==> flow/design.v <==
module gen_sel_unit_v2 #(
  parameter BITS = 10
) (
  input clock,
  input rst,
  input [BITS-1:0] bus_0,
  input [BITS-1:0] bus_1,
  input [BITS-1:0] bus_2,
  input [BITS-1:0] bus_3,
  input [BITS-1:0] bus_4,
  input [2:0] choose,
  output [BITS-1:0] res
);
  reg [BITS-1:0] bus_0_q;
  reg [BITS-1:0] bus_1_q;
  reg [BITS-1:0] bus_2_q;
  reg [BITS-1:0] bus_3_q;
  reg [BITS-1:0] bus_4_q;
  reg [2:0] choose_q;
  wire [BITS-1:0] r;
  assign r =
    (choose_q == 3'd0) ? bus_0_q :
    (choose_q == 3'd1) ? bus_1_q :
    (choose_q == 3'd2) ? bus_2_q :
    (choose_q == 3'd3) ? bus_3_q :
    bus_4_q;
  reg [BITS-1:0] res_q;
  assign res = res_q;
  always @(posedge clock or posedge rst) begin
    if (rst) begin
      bus_0_q <= 0;
      bus_1_q <= 0;
      bus_2_q <= 0;
      bus_3_q <= 0;
      bus_4_q <= 0;
      choose_q <= 0;
      res_q <= 0;
    end else begin
      bus_0_q <= bus_0;
      bus_1_q <= bus_1;
      bus_2_q <= bus_2;
      bus_3_q <= bus_3;
      bus_4_q <= bus_4;
      choose_q <= choose;
      res_q <= r;
    end
  end
endmodule
-- Tool chain data of gen_sel_unit_v2
Tool output for the design above, in the order of the flow.
Lines are those of the file above, counted from 1.
Operators carry their Yosys type and port widths (W data, S select, Z words).
Library cell names are shortened.
A cell with n/a has no value.
- top module: gen_sel_unit_v2
- clock input: clock
- library: sky130hd
- timing corner: tt_025C_1v80

-- Elaborated design
Counts by Yosys on the flattened word-level netlist (proc, flatten, opt, wreduce; memories kept). Register bits leave out memories and registers merged into their read ports (data or address); mux counts leave out enables and synchronous resets folded into registers. Print and check cells are left out. Cells with the same type and inputs are merged into one.
- elaborated cells: 15
- noted RAM bits: 0
- word width x clocked read ports at 0
- bits in latches: 0
- noted output and inout port bits: 10
- register bits after elaboration: 63
- noted memories: 0
- memory bits (read-only) at 0
- equality and inequality tests: 3
- noted shift operators: 0
- bitwise gates (word level) at 0
- multiply operators: 0
- reductions and logical operators: 1
- noted muxes and demuxes: 4
- div/mod/pow operators at 0
- add/sub/neg operators at 0
- magnitude comparators: 0
- operator list (operator ; count):
    $mux W10 ; 4
    $eq A3 B2 Y1 const B ; 2
    $eq A3 B1 Y1 const B ; 1
    $logic_not A3 Y1 ; 1

-- Logic depth
Longest topological path by Yosys (ltp), each cell counted once; first at word level (registers and memories cut), then after technology mapping (sequential cells cut; the memories' decode and read muxes count).
- noted depth in word-level cells: 5
- ABC_AREA at 0
- gate-level depth with buffers at 3
- mapped depth without buffers: 3

-- Netlist
The flow's flattened synthesis, as Yosys stat reports it; memories are mapped. The netlist is that of the ABC_AREA named above (0 if unset); the other value can give another one.
- cell types (cell type ; count):
    dfrtp_1 ; 63
    mux2i_1 ; 10
    a32oi_1 ; 10
    o211ai_1 ; 8
    nand2_1 ; 10
    o211ai_2 ; 2
    nor3_4 ; 1
    buf_2 ; 3
    buf_6 ; 1
    nand2b_1 ; 1
    nor2_2 ; 1
    inv_1 ; 1
- flip-flop cells at 63
- cell count at 111
- synthesis area: 1945.6 um2

-- Worst setup path after synthesis
Source: OpenSTA report_checks on the synthesized netlist (no wires, ideal clock, input and output delay 20% of the period each), path of least setup slack; recovery checks are left aside. Register names are those of the netlist, which keeps one name where synthesis merged equal registers.
- path kind: reg-to-reg
- from: register (name not given)
- to: register res_q[6]
- slack at 0.248 ns
- noted required time: 1.118 ns
- noted period: 1.25 ns
- stages on the path at 4
- noted delay of the path: 1.003 ns
- setup time at 0.132 ns
- noted time at the first pin: 0.000 ns
- arrival time: 0.871 ns
- noted synthesis period reached: 1.002 ns
"delay of the path" = arrival - input delay + setup time.
"stages on the path": output pins that drive a net of the path, with the launching flip-flop's if there is one; two outputs of one cell count as two.
"synthesis period reached" is the clock period less the worst setup slack; recovery checks do not enter. This is arithmetic on one report: input and output delays are still those of the set period (20% each).
Between the ends stands the longest chain of elaborated cells between them, by number of cells; it is not shown to be the way that was timed. Of several equally long chains one is given.
A line is the first line of the expression or statement that the cell stems from. Yosys adds cells for indexed reads and writes and turns some case tables into memories.
- path through: dfrtp_1 -> buf_2 -> a32oi_1 -> o211ai_2
- length of the longest elaborated chain: 5
- elaborated cells between the ends (all ways): 8
- RTL lines with such cells: 4
- those cells by class: 3 x eq/ne; 4 x mux; 1 x reduce/logical
- ends and longest elaborated chain, post-synthesis (element ; line ; text):
    start, declared ; 19 ;
    start, assigned ; 36 ;
    start, assigned ; 44 ;
    $eq A3 B2 Y1 ; 25 ;
    $mux W10 ; 25 ;
    $mux W10 ; 24 ;
    $mux W10 ; 23 ;
    $mux W10 ; 22 ;
    end, assigned ; 37 ; res_q <= 0;
    end, assigned ; 45 ; res_q <= r;
    end, declared ; 27 ; reg [BITS-1:0] res_q;

-- Path in the finished layout
Path of least setup slack in the final report of run 1 (OpenROAD, finished layout, wires in). Where an end is a register, its clock arrival counts in the times.
- path kind: reg-to-output
- from: register res_q[8]
- to: output port res[8]
- noted required time: 1.00 ns
- slack at 0.06 ns
- noted external output delay: 0.25 ns
- noted period: 1.25 ns
- stages on the path at 2
- noted time at the first pin: 0.33 ns
- arrival time: 0.94 ns
- path through: dfrtp_1 -> clkdlybuf4s15_1
- length of the longest elaborated chain: 0
- elaborated cells between the ends (all ways): 0
- RTL lines with such cells: 0
- ends and longest elaborated chain, post-layout (element ; line ; text):
    start, declared ; 27 ; reg [BITS-1:0] res_q;
    start, assigned ; 37 ; res_q <= 0;
    start, assigned ; 45 ; res_q <= r;
    end, declared ; 12 ; output [BITS-1:0] res

==> results <==
Measured data: module gen_sel_unit_v2, platform sky130hd, 3 stored runs of the flow under differing settings, order arbitrary. Input and output delays are each 20% of the period that was set; the output load is 0.01 pF.
"period reached" means the clock period less the worst setup slack. The figure is calculated, with input and output delays left at 20% of the set period.
"time used up by the worst setup path" is the time allowed to the run's worst setup path (the clock period less input and output delay, where it has them) less its slack. Clock arrival times count: a late capture clock shortens it, a late launch clock lengthens it.
"total power of the final layout": no workload was simulated; the value follows from the tool's default switching activity.

Run 1
Settings were period_ns = 1.25; CAP_MARGIN = 20; CORE_MARGIN = 2; CORE_UTILIZATION = 40; SLEW_MARGIN = 20
- noted the setup TNS: 0.000 ns
- worst setup slack after layout: 0.059 ns
- noted the total power of the final layout: 4086 µW
- utilization after routing at 61.2 %
- period reached at 1.191 ns
- post-synthesis cell area: 1945.6 um2
- noted the time used up by the worst setup path: 0.94 ns
- worst path kind: reg-to-output
- noted the total die area: 5437.6 um2
- noted the standard-cell area after layout: 2872.8 um2

Run 2
Settings were period_ns = 0.699; CORE_UTILIZATION = 52; SETUP_SLACK_MARGIN = 0.04; PLACE_DENSITY = 0.75; CORE_ASPECT_RATIO = 0.68; CELL_PAD_IN_SITES_DETAIL_PLACEMENT = 0; GPL_ROUTABILITY_DRIVEN = 0; CAP_MARGIN = 20; MAX_ROUTING_LAYER = met4; CORE_MARGIN = 2; SLEW_MARGIN = 20
- noted the setup TNS: -7.195 ns
- worst setup slack after layout: -0.473 ns
- noted the total power of the final layout: 7423 µW
- utilization after routing at 83.1 %
- period reached at 1.172 ns
- post-synthesis cell area: 1945.6 um2
- noted the time used up by the worst setup path: 1.17 ns
- worst path kind: reg-to-reg
- noted the total die area: 4255.9 um2
- noted the standard-cell area after layout: 2992.9 um2

Run 3
Settings were period_ns = 1.78; CORE_UTILIZATION = 46; PLACE_DENSITY_LB_ADDON = 0.04; HOLD_SLACK_MARGIN = -0.06; CORE_MARGIN = 3; GPL_ROUTABILITY_DRIVEN = 0; CTS_CLUSTER_SIZE = 85; CAP_MARGIN = 5; SLEW_MARGIN = 20
- noted the setup TNS: 0.000 ns
- worst setup slack after layout: 0.206 ns
- noted the total power of the final layout: 3009 µW
- utilization after routing at 71.1 %
- period reached at 1.574 ns
- post-synthesis cell area: 1945.6 um2
- noted the time used up by the worst setup path: 1.22 ns
- worst path kind: reg-to-output
- noted the total die area: 5046.0 um2
- noted the standard-cell area after layout: 2862.8 um2
